==> flow/design.v <==
module dp_times_n (ck, RST, clk_en, i_u, o_prod);
  parameter XLEN = 10;
  parameter SCALE = 365;
  localparam OUT_W = XLEN + $clog2(SCALE + 1);
  input ck;
  input RST;
  input clk_en;
  input [XLEN-1:0] i_u;
  output [OUT_W-1:0] o_prod;
  reg [OUT_W-1:0] prod_r;
  always @(posedge ck) begin
    if (RST) begin
      prod_r <= 0;
    end else if (clk_en) begin
      prod_r <= i_u * SCALE;
    end
  end
  assign o_prod = prod_r;
endmodule
### Tool chain data of dp_times_n

Tool output for the design above, in the order of the flow.
Line numbers count from 1 in the design file above.
Cell names lack the library's common part.
Not given: --

| inputs | value |
|---|---|
| design top | dp_times_n |
| clock port | ck |
| standard-cell library | sky130hd |
| library corner | tt_025C_1v80 |

### Word-level counts

Counts by Yosys on the flattened word-level netlist (proc, flatten, opt, wreduce; memories kept). Register bits leave out memories and registers merged into their read ports (data or address); mux counts leave out enables and synchronous resets folded into registers. Print and check cells are left out. Cells with the same type and inputs are merged into one.

| operators by class | value |
|---|---|
| $mul | 1 |

Operator list:

| operator | number |
|---|---|
| multiplier 10 x 9 -> 19 bit with constant B | 1 |

| storage and ports | value |
|---|---|
| register bits after elaboration | 19 |
| input bits | 13 |
| output and inout port bits | 19 |
| cells after elaboration | 2 |

### Logic depth

Yosys ltp: most cells in a row. Word level: on the elaborated netlist, between registers, memories and ports. Mapped: between sequential cells and ports; inverters and the memories' decode and read muxes count.

| depth | value |
|---|---|
| depth after elaboration | 1 |
| ABC_AREA | 0 |
| mapped depth | 14 |
| mapped depth without buffers | 14 |

### After synthesis

Yosys stat after the flow's synthesis: flattened, memories mapped to cells. It holds for the ABC_AREA given above (unset counts as 0); a run with the other value may have another netlist.

Cell types:

| type | number | total area (µm²) |
|---|---|---|
| fa_1 | 27 | 540.518 |
| ha_1 | 43 | 538.016 |
| dfxtp_1 | 19 | 380.365 |
| inv_1 | 57 | 213.955 |
| a21oi_1 | 17 | 85.082 |
| mux2i_1 | 8 | 80.077 |
| nor2_1 | 16 | 60.058 |
| nor3b_1 | 7 | 52.55 |
| nand2_1 | 12 | 45.043 |
| o21ai_0 | 7 | 35.034 |
| xnor2_1 | 4 | 35.034 |
| a211oi_1 | 4 | 30.029 |
| a21o_1 | 4 | 30.029 |
| a221oi_4 | 1 | 26.275 |
| xor2_1 | 3 | 26.275 |
| clkbuf_1 | 6 | 22.522 |
| nand3_1 | 4 | 20.019 |
| o311ai_0 | 2 | 17.517 |

Not listed: further types 27, cells in them 32.

| mapped netlist | value |
|---|---|
| mapped cells | 273 |
| chip area (Yosys) | 2486.1 µm² |
| sequential part of the area | 380.4 µm² |
| mapped flip-flops | 19 |
| buffers | 8 |

### Timing after synthesis

Source: OpenSTA report_checks on the synthesized netlist (no wires, ideal clock, input and output delay 20% of the period each), path of least setup slack; recovery checks are left aside. Register names are those of the netlist, which keeps one name where synthesis merged equal registers.

| timing post-synthesis | value |
|---|---|
| path type | input -> register |
| start | input port i_u[4] |
| end | register prod_r[14] |
| clock period | 5.52 ns |
| external input delay | 1.104 ns |
| setup time | 0.095 ns |
| launch time at the first pin | 1.104 ns |
| arrival time | 4.541 ns |
| data required time | 5.425 ns |
| path slack | 0.884 ns |
| path delay | 3.532 ns |
| driving pins on the path | 12 |
| buffers on the path | 0 |
| synthesis period reached | 4.636 ns |

"path delay" is the arrival time less input delay plus setup time.
"driving pins on the path" counts driving pins, that of a launching flip-flop among them; a cell with two outputs on the path counts twice.
"synthesis period reached" = period - worst setup slack (recovery checks aside). The figure is calculated, with input and output delays left at 20% of the set period.
Between the ends stands the longest chain of elaborated cells between them, by number of cells; it is not shown to be the way that was timed. Of several equally long chains one is given.
A line is the first line of the expression or statement that the cell stems from. Yosys adds cells for indexed reads and writes and turns some case tables into memories.

| between the ends, post-synthesis | value |
|---|---|
| cell sequence | ha_1 -> inv_1 -> fa_1 -> fa_1 -> fa_1 -> inv_1 -> ha_1 -> and2_4 -> a221oi_4 -> a21oi_2 -> or4_1 -> o311ai_1 |
| cells in the longest elaborated chain | 1 |
| elaborated cells on any way between the ends | 1 |
| source lines of those cells | 1 |
| classes of those cells | 1 x mul |

Ends and longest elaborated chain, post-synthesis:

| what | line | source |
|---|---|---|
| start, declared | 8 | `input [XLEN-1:0] i_u;` |
| multiplier 10 x 9 -> 19 bit | 15 | `prod_r <= i_u * SCALE;` |
| end, assigned | 13 | `prod_r <= 0;` |
| end, assigned | 15 |  |
| end, declared | 10 | `reg [OUT_W-1:0] prod_r;` |

### Worst path after layout

From the final timing report of job 1: the path of least setup slack in the routed layout; clock arrival at registers is part of the times.

| timing after layout | value |
|---|---|
| path type | input -> register |
| start | input port i_u[3] |
| end | register prod_r[14] |
| clock period | 5.52 ns |
| external input delay | 1.10 ns |
| setup time | 0.10 ns |
| launch time at the first pin | 1.10 ns |
| arrival time | 5.24 ns |
| data required time | 5.67 ns |
| path slack | 0.43 ns |
| driving pins on the path | 13 |
| buffers on the path | 1 |

Between the ends stands the longest chain of elaborated cells between them, by number of cells; it is not shown to be the way that was timed. Of several equally long chains one is given.

| between the ends, after layout | value |
|---|---|
| cell sequence | clkdlybuf4s50_1 -> ha_1 -> inv_1 -> fa_1 -> fa_1 -> fa_1 -> inv_1 -> ha_1 -> and2_4 -> a221oi_4 -> a21oi_2 -> or4_1 -> o311ai_1 |
| cells in the longest elaborated chain | 1 |
| elaborated cells on any way between the ends | 1 |
| source lines of those cells | 1 |
| classes of those cells | 1 x mul |

Ends and longest elaborated chain, after layout:

| what | line | source |
|---|---|---|
| start, declared | 8 | `input [XLEN-1:0] i_u;` |
| multiplier 10 x 9 -> 19 bit | 15 | `prod_r <= i_u * SCALE;` |
| end, assigned | 13 | `prod_r <= 0;` |
| end, assigned | 15 |  |
| end, declared | 10 | `reg [OUT_W-1:0] prod_r;` |

Below are 3 stored runs of the flow (Yosys, OpenROAD; platform sky130hd) on dp_times_n, each with its settings and what was measured, unordered. Constraints: input delay and output delay 20% of the set period each, output load 0.01 pF.
"period achieved": clock period set for the run, less the worst setup slack. It is reckoned from that one timing run; input and output delays stay at 20% of the period that was set.
By "total power after layout" is meant OpenSTA's value without simulated activity: inputs other than the clock are taken to toggle once in ten clock periods, and the tool carries that through the logic.
Settings: n/a = not set for that run.

| run name | period_ns | CAP_MARGIN | CORE_MARGIN | CORE_UTILIZATION | SLEW_MARGIN | SETUP_SLACK_MARGIN | PLACE_DENSITY_LB_ADDON | HOLD_SLACK_MARGIN | CELL_PAD_IN_SITES_DETAIL_PLACEMENT | TNS_END_PERCENT | ABC_AREA | GPL_TIMING_DRIVEN | CTS_CLUSTER_DIAMETER | MIN_ROUTING_LAYER | die footprint (µm²) | utilization in the final report (%) | total power after layout (W) | lowest hold slack (ns) | period achieved (ns) | lowest setup slack (ns) | setup TNS (ns) | mapped cell area after synthesis (µm²) | standard-cell area after layout (µm²) |
|---|---|---|---|---|---|---|---|---|---|---|---|---|---|---|---|---|---|---|---|---|---|---|---|
| job 1 | 5.52 | 20 | 2 | 40 | 20 | n/a | n/a | n/a | n/a | n/a | n/a | n/a | n/a | n/a | 6861.6 | 49.7 | 0.001183 | 0.478 | 5.090 | 0.430 | 0.000 | 2486.1 | 2959.1 |
| job 2 | 3.68 | 0 | 2 | 35 | 20 | 0.42 | 0.24 | 0.04 | 1 | 95 | 0 | 0 | 308 | met1 | 7793.4 | 51.8 | 0.002618 | 0.503 | 4.024 | -0.344 | -2.290 | 2486.1 | 3539.6 |
| job 3 | 4.09 | 20 | 7 | 46 | 40 | n/a | 0.18 | n/a | n/a | n/a | 0 | 0 | n/a | met2 | 7658.9 | 65.1 | 0.002079 | 0.487 | 4.067 | 0.023 | 0.000 | 2486.1 | 3368.2 |
